==> flow/design.v <==
module add #(
    parameter int WIDTH = 72
) (
    input  logic aclk,
    input  logic rst_ni,
    input  logic [WIDTH-1:0] x,
    input  logic [WIDTH-1:0] y,
    output logic [WIDTH:0] result
);
    logic [WIDTH-1:0] x_d1;
    logic [WIDTH-1:0] y_d1;
    localparam int H = WIDTH / 2;
    logic [H:0] low_d1;
    logic [WIDTH-H-1:0] x_hi_d1;
    logic [WIDTH-H-1:0] y_hi_d1;
    logic [WIDTH-H:0] hi;
    assign hi = x_hi_d1 + y_hi_d1 + low_d1[H];
    logic [WIDTH:0] result_d1;
    assign result = result_d1;
    always_ff @(posedge aclk or negedge rst_ni) begin
        if (~rst_ni) begin
            x_d1 <= 0;
            y_d1 <= 0;
            low_d1 <= 0;
            x_hi_d1 <= 0;
            y_hi_d1 <= 0;
            result_d1 <= 0;
        end else begin
            x_d1 <= x;
            y_d1 <= y;
            low_d1 <= x_d1[H-1:0] + y_d1[H-1:0];
            x_hi_d1 <= x_d1[WIDTH-1:H];
            y_hi_d1 <= y_d1[WIDTH-1:H];
            result_d1 <= {hi, low_d1[H-1:0]};
        end
    end
endmodule
# Step by step through the tools: add
# The steps from the RTL of add to its reports follow in flow order.
# Lines are those of the file above, counted from 1.
# Cell names lack the library's common part.
# The mark n/a stands for no value.
[inputs]
top_module = "add"
clock_port = "aclk"
lib = "sky130hd"
lib_corner = "tt_025C_1v80"

# Word level
# Source: Yosys, flattened and elaborated, memories not mapped. Widths are those after wreduce; folded enables and synchronous resets count as part of the registers. Registers that Yosys merges into a memory's read port (data or address) are not register bits. Print and check cells do not count. Equal cells are merged and count once.
[bits]
ff_bits = 326
input_bits = 146
out_inout_bits = 73
elab_cells = 9
[classes]
addsub = 3
[ops]
columns = ["operator", "count"]
rows = [
  ["36-bit by 36-bit adder with 37-bit output", 2],
  ["37-bit by 1-bit adder with 37-bit output", 1],
]

# Depth
# Yosys ltp: most cells in a row. Word level: on the elaborated netlist, between registers, memories and ports. Mapped: between sequential cells and ports; inverters and the memories' decode and read muxes count.
[depth]
word_depth = 2
abc_area = 1
ltp_mapped = 13
mapped_depth_nobuf = 13

# After synthesis
# Yosys stat after the flow's synthesis: flattened, memories mapped to cells. It holds for the ABC_AREA given above (unset counts as 0); a run with the other value may have another netlist.
# Totals and module areas in this step are rounded.
[by_type]
columns = ["cell", "count", "area_total_um2"]
rows = [
  ["dfrtp_1", 326, 8.16E+03],
  ["nand2_1", 382, 1.43E+03],
  ["ha_1", 71, 888.352],
  ["inv_1", 190, 713.184],
  ["a21oi_1", 76, 380.365],
  ["nor2_1", 93, 349.085],
  ["xor2_1", 32, 280.269],
  ["nand3_1", 45, 225.216],
  ["o21ai_0", 41, 205.197],
  ["nand2_2", 22, 137.632],
  ["nor3_1", 24, 120.115],
  ["nand3_2", 8, 80.077],
  ["fa_1", 3, 60.058],
  ["o21bai_1", 6, 45.043],
  ["xnor2_1", 4, 35.034],
  ["a31oi_1", 2, 12.512],
  ["and2_1", 2, 12.512],
  ["nand4_1", 2, 12.512],
]
# Not listed: further types 3, cells in them 4.
[synth_totals]
cell_count = 1333
mapped_area_um2 = 13200
seqArea_um2 = 8160
flip_flops = 326
n_buf = 0

# Path before layout
# OpenSTA on the mapped netlist: ideal clock, no wires. The path of least setup slack (recovery checks aside). Input and output delay are each 20% of the period. Register names are those of the netlist, which keeps one name where synthesis merged equal registers.
[synth_timing]
path_kind = "register to register"
from = "register low_d1[36]"
to = "register result_d1[72]"
tclk_ps = 3520
setup_ps = 117
launch_ps = 0
t_arrival_ps = 1952
t_required_ps = 3403
slack_ps = 1450
delay_ps = 2069
path_stages = 13
path_buffers = 0
period_less_setup_slack_ps = 2070
# "delay_ps" = arrival - input delay + setup time.
# "path_stages" counts driving pins, that of a launching flip-flop among them; a cell with two outputs on the path counts twice.
# "period_less_setup_slack_ps" = period - worst setup slack (recovery checks aside). The figure is calculated, with input and output delays left at 20% of the set period.
# Between the ends stands the longest chain of elaborated cells between them, by number of cells; it is not shown to be the way that was timed. Of several equally long chains one is given.
# Each line given opens the expression or statement behind the cell; cells for indexed reads and writes are added by Yosys, which also makes memories of some case tables.
[synth_between]
path_cell_list = "dfrtp_1 fa_1 fa_1 nand3_1 nand3_1 nand2_1 nand2_1 nand2_1 nand2_1 nand2_1 nand2_1 nand2_1 nand2_1"
elab_chain_cells = 1
cells_between = 1
lines_between = 1
cone_classes = "add/sub (1)"
[synth_rtl]
columns = ["element", "line", "source"]
rows = [
  ["start, declared", 13, "logic [H:0] low_d1;"],
  ["start, assigned", 24, "low_d1 <= 0;"],
  ["start, assigned", 31, "low_d1 <= x_d1[H-1:0] + y_d1[H-1:0];"],
  ["37-bit by 1-bit adder with 37-bit output", 17, "assign hi = x_hi_d1 + y_hi_d1 + low_d1[H];"],
  ["end, assigned", 27, "result_d1 <= 0;"],
  ["end, assigned", 34, "result_d1 <= {hi, low_d1[H-1:0]};"],
  ["end, declared", 18, "logic [WIDTH:0] result_d1;"],
]

# Timing after layout
# From the final timing report of run 1: the path of least setup slack in the routed layout; clock arrival at registers is part of the times.
# The report prints the path's times to 10 ps; the period is as set.
[layout_timing]
path_kind = "register to output"
from = "register result_d1[21]"
to = "output port result[21]"
tclk_ps = 5210
out_delay_ps = 1040
launch_ps = 550
t_arrival_ps = 1540
t_required_ps = 4170
slack_ps = 2630
path_stages = 2
path_buffers = 1
[layout_between]
path_cell_list = "dfrtp_1 clkdlybuf4s50_1"
elab_chain_cells = 0
cells_between = 0
lines_between = 0
[layout_rtl]
columns = ["element", "line", "source"]
rows = [
  ["start, declared", 18, "logic [WIDTH:0] result_d1;"],
  ["start, assigned", 27, "result_d1 <= 0;"],
  ["start, assigned", 34, "result_d1 <= {hi, low_d1[H-1:0]};"],
  ["end, declared", 8, "output logic [WIDTH:0] result"],
]

# add through Yosys and OpenROAD on sky130hd: 3 stored runs, unordered, with their settings and measured results. The constraints put input and output delay at 20% of the set period each and load the outputs with 0.01 pF.
# "achieved_clock_period_ps" means the clock period less the worst setup slack. The figure is calculated, with input and output delays left at 20% of the set period.
# "timing.worst_path_ps" means the part of the period allowed to the worst setup path (the constraints hold back 20% at inputs and 20% at outputs) less its slack; where the path has registers, the arrival times of their clocks count too.
# "power.total_w" rests on the timing tool's default activity at the inputs, not on a simulated workload.
# "timing.worst_path_ps" is given in steps of 10 ps.
# Measured values are rounded.

[[run]]
name = "run 1"
[run.settings]
period_ns = 5.21
CORE_UTILIZATION = 27
SETUP_SLACK_MARGIN = 1.21
PLACE_DENSITY_LB_ADDON = 0.15
CELL_PAD_IN_SITES_DETAIL_PLACEMENT = 2
ABC_AREA = 1
CTS_CLUSTER_SIZE = 55
CAP_MARGIN = 40
MIN_ROUTING_LAYER = "met1"
MAX_ROUTING_LAYER = "met5"
CORE_MARGIN = 2
SLEW_MARGIN = 20
[run.results]
layout_stdcell_area_um2 = 17500
fin_tns_ps = 0
timing.worst_path_ps = 1540
worst_setup_path_type = "register to output"
setup_ws_ps = 2630
dieArea_um2 = 50600
finish.utilization_pct = 36.4
synthArea_um2 = 13200
power.total_w = 0.0067
achieved_clock_period_ps = 2580

[[run]]
name = "run 2"
[run.settings]
period_ns = 3.52
CAP_MARGIN = 20
CORE_MARGIN = 2
CORE_UTILIZATION = 40
SLEW_MARGIN = 20
[run.results]
layout_stdcell_area_um2 = 15900
fin_tns_ps = 0
timing.worst_path_ps = 3170
worst_setup_path_type = "register to register"
setup_ws_ps = 352
dieArea_um2 = 31600
finish.utilization_pct = 53.5
synthArea_um2 = 12100
power.total_w = 0.00936
achieved_clock_period_ps = 3168

[[run]]
name = "run 3"
[run.settings]
period_ns = 4.43
CORE_UTILIZATION = 59
SETUP_SLACK_MARGIN = 0.28
PLACE_DENSITY_LB_ADDON = 0.03
CELL_PAD_IN_SITES_DETAIL_PLACEMENT = 2
ABC_AREA = 0
GPL_TIMING_DRIVEN = 1
CTS_CLUSTER_SIZE = 79
SLEW_MARGIN = 25
CAP_MARGIN = 20
CORE_MARGIN = 2
[run.results]
outcome = "no final report: placement broke off with a tool error"
